==> flow/design.v <==
module add_unit_top #(
    parameter integer DW = 24,
    parameter integer NIN = 12,
    parameter integer SUM_W = DW + $clog2(NIN)
) (
    input logic aclk,
    input logic [NIN*DW-1:0] bus,
    output logic [SUM_W-1:0] o
);
    logic [NIN*DW-1:0] bus_reg;
    always_ff @(posedge aclk)
        bus_reg <= bus;
    logic [SUM_W-1:0] work;
    always_comb begin
        work = 0;
        for (int n = 0; n < NIN; n++)
            work = work + bus_reg[n*DW +: DW];
    end
    assign o = work;
endmodule
Step by step through the tools: add_unit_top
Tool output for the design above, in the order of the flow.
Lines are those of the file above, counted from 1.
Cell names lack the library's common part.
{ "inputs": {"top": "add_unit_top", "clock": "aclk", "cell_library": "sky130hd", "corner": "tt_025C_1v80"} }

After elaboration
Source: Yosys, flattened and elaborated, memories not mapped. Widths are those after wreduce; folded enables and synchronous resets count as part of the registers. Registers that Yosys merges into a memory's read port (data or address) are not register bits. Print and check cells do not count. Equal cells are merged and count once.
{ "bits": {"output_inout_bits": 28, "regBits": 288, "elab_cells": 12} }
{ "classes": {"n_addsub": 11} }
{ "ops": {"columns": ["cell", "count"], "rows": [
  ["28-bit by 24-bit adder with 28-bit output", 7],
  ["27-bit by 24-bit adder with 28-bit output", 1],
  ["26-bit by 24-bit adder with 27-bit output", 1],
  ["25-bit by 24-bit adder with 26-bit output", 1],
  ["24-bit by 24-bit adder with 25-bit output", 1]
]} }

Logic depth
Depth = most cells in a row (Yosys ltp): at word level without a register or memory, in the mapped netlist without a sequential cell, where the memories' decode and read muxes count.
{ "logic_depth": {"word_depth": 11, "ABC_AREA": 0, "ltp_mapped": 19, "ltp_nobuf": 19} }

Mapped cells and area
Source: synth_stat.txt of the flow (Yosys; design flattened, memories mapped). It holds for the ABC_AREA given above (unset counts as 0); a run with the other value may have another netlist.
The area totals of this step are shown rounded.
{ "types": {"columns": ["cell_type", "count"], "rows": [
  ["dfxtp_1", 288],
  ["fa_1", 237],
  ["inv_1", 408],
  ["ha_1", 33],
  ["a21oi_1", 27],
  ["xnor2_1", 13],
  ["a21o_1", 13],
  ["nand2_1", 19],
  ["xor2_1", 8],
  ["nand3_1", 11],
  ["o21ai_0", 8],
  ["nor2_1", 10],
  ["nor3_1", 7],
  ["and3_1", 5],
  ["o21bai_1", 4],
  ["a31oi_1", 4],
  ["buf_2", 4],
  ["nand4_1", 3]
]} }
Other cell types: 26; their cells: 37.
{ "mapped": {"synth_area_um2": 13530, "seq_area_um2": 5766, "ff_cells": 288, "cell_count": 1139} }

Path before layout
Path of least setup slack by OpenSTA after synthesis, without wires, with an ideal clock, recovery checks aside; 20% of the period is set as input and as output delay. Where synthesis merged equal registers, the netlist keeps one of their names.
{ "synth_path": {"path_kind": "register to output", "start": "register bus_reg[146]", "end": "output port o[26]", "t_first_pin_ns": 0.000, "required_time_ns": 5.832, "slack_ns": 1.168, "n_path_buf": 0, "stages": 18, "period_ns": 7.29, "delay_ns": 4.664, "arrival_time_ns": 4.664, "out_delay_ns": 1.458, "period_less_setup_slack_ns": 6.122} }
"delay_ns" is the arrival time less input delay plus setup time.
A path that ends at an output port has no setup time.
"stages": output pins that drive a net of the path, with the launching flip-flop's if there is one; two outputs of one cell count as two.
"period_less_setup_slack_ns" is the clock period less the worst setup slack; recovery checks do not enter. This is arithmetic on one report: input and output delays are still those of the set period (20% each).
Between the ends stands the longest chain of elaborated cells between them, by number of cells; it is not shown to be the way that was timed. Of several equally long chains one is given.
Each line given opens the expression or statement behind the cell; cells for indexed reads and writes are added by Yosys, which also makes memories of some case tables.
{ "synth_via": {"cell_sequence": "dfxtp_1 > fa_1 > inv_1 > fa_1 > inv_1 > fa_1 > fa_1 > inv_1 > fa_1 > inv_1 > ha_1 > fa_1 > a21o_2 > nand4_2 > a211oi_2 > a21bo_2 > a2111o_1 > nand3_1", "elab_chain_cells": 6, "cells_between": 6, "cone_lines": 1} }
{ "synth_rtl": {"columns": ["element", "line_no", "rtl"], "rows": [
  ["start: declaration", 10, "logic [NIN*DW-1:0] bus_reg;"],
  ["start: assignment", 12, "bus_reg <= bus;"],
  ["28-bit by 24-bit adder with 28-bit output x6", 17, "work = work + bus_reg[n*DW +: DW];"],
  ["end: declaration", 8, "output logic [SUM_W-1:0] o"]
]} }

Path in the finished layout
From the final timing report of stored run 1: the path of least setup slack in the routed layout; clock arrival at registers is part of the times.
{ "layout_path": {"path_kind": "register to output", "start": "register bus_reg[55]", "end": "output port o[25]", "n_path_buf": 3, "arrival_time_ns": 5.44, "stages": 20, "period_ns": 9.19, "t_first_pin_ns": 0.57, "out_delay_ns": 1.84, "slack_ns": 1.91, "required_time_ns": 7.35} }
Between the ends stands the longest chain of elaborated cells between them, by number of cells; it is not shown to be the way that was timed. Of several equally long chains one is given.
{ "layout_via": {"cell_sequence": "dfxtp_2 > inv_2 > fa_1 > inv_2 > fa_2 > fa_1 > fa_1 > inv_2 > fa_1 > inv_2 > ha_4 > nand4_1 > buf_4 > nor2_4 > o311ai_4 > nand2_2 > buf_6 > a21oi_4 > xnor2_1 > buf_2", "elab_chain_cells": 10, "cells_between": 10, "cone_lines": 1} }
{ "layout_rtl": {"columns": ["element", "line_no", "rtl"], "rows": [
  ["start: declaration", 10, "logic [NIN*DW-1:0] bus_reg;"],
  ["start: assignment", 12, "bus_reg <= bus;"],
  ["25-bit by 24-bit adder with 26-bit output", 17, "work = work + bus_reg[n*DW +: DW];"],
  ["26-bit by 24-bit adder with 27-bit output", 17, null],
  ["27-bit by 24-bit adder with 28-bit output", 17, null],
  ["28-bit by 24-bit adder with 28-bit output x7", 17, null],
  ["end: declaration", 8, "output logic [SUM_W-1:0] o"]
]} }

Data sheet: physical implementation of add_unit_top

3 stored runs of add_unit_top in the flow (synthesis by Yosys, layout by OpenROAD, sky130hd cells), in arbitrary order. Constraints: input delay and output delay 20% of the set period each, output load 0.01 pF.
"achieved_clock_period_ns": clock period set for the run, less the worst setup slack. It is reckoned from that one timing run; input and output delays stay at 20% of the period that was set.
"worst_path_ns" = time allowed to the worst setup path (clock period - input delay - output delay, where it has them) - its slack; a late launch clock adds to it, a late capture clock takes from it.
The measured numbers are rounded.
[
  {
    "run": "stored run 1",
    "settings": { "period_ns": 9.19, "CORE_UTILIZATION": 48, "SETUP_SLACK_MARGIN": 2.29, "PLACE_DENSITY_LB_ADDON": 0.1, "CELL_PAD_IN_SITES_DETAIL_PLACEMENT": 0, "TNS_END_PERCENT": 75, "CTS_CLUSTER_SIZE": 89, "CTS_CLUSTER_DIAMETER": 382, "CAP_MARGIN": 20, "CORE_MARGIN": 2, "SLEW_MARGIN": 20 },
    "results": { "worstSetupSlack_ns": 1.915, "util_pct": 64.3, "final_setup_tns_ns": 0.000, "final_hold_ws_ns": 1.654, "achieved_clock_period_ns": 7.275, "ys_area_um2": 13530, "design_die_area_um2": 29540, "finalCellArea_um2": 17870, "worst_path_ns": 5.44, "critical_path_kind": "register to output" }
  },
  {
    "run": "stored run 2",
    "settings": { "period_ns": 9.38, "CORE_UTILIZATION": 37, "SETUP_SLACK_MARGIN": -0.35, "PLACE_DENSITY_LB_ADDON": 0.29, "CORE_MARGIN": 9, "CELL_PAD_IN_SITES_DETAIL_PLACEMENT": 0, "ABC_AREA": 1, "CAP_MARGIN": 35, "MAX_ROUTING_LAYER": "met5", "SLEW_MARGIN": 20 },
    "results": { "worstSetupSlack_ns": 1.855, "util_pct": 50.8, "final_setup_tns_ns": 0.000, "final_hold_ws_ns": 1.749, "achieved_clock_period_ns": 7.525, "ys_area_um2": 13990, "design_die_area_um2": 45130, "finalCellArea_um2": 18770, "worst_path_ns": 5.65, "critical_path_kind": "register to output" }
  },
  {
    "run": "stored run 3",
    "settings": { "period_ns": 7.29, "CAP_MARGIN": 20, "CORE_MARGIN": 2, "CORE_UTILIZATION": 40, "SLEW_MARGIN": 20 },
    "results": { "worstSetupSlack_ns": 0.253, "util_pct": 54.6, "final_setup_tns_ns": 0.000, "final_hold_ws_ns": 1.343, "achieved_clock_period_ns": 7.037, "ys_area_um2": 13530, "design_die_area_um2": 35310, "finalCellArea_um2": 18270, "worst_path_ns": 5.58, "critical_path_kind": "register to output" }
  }
]
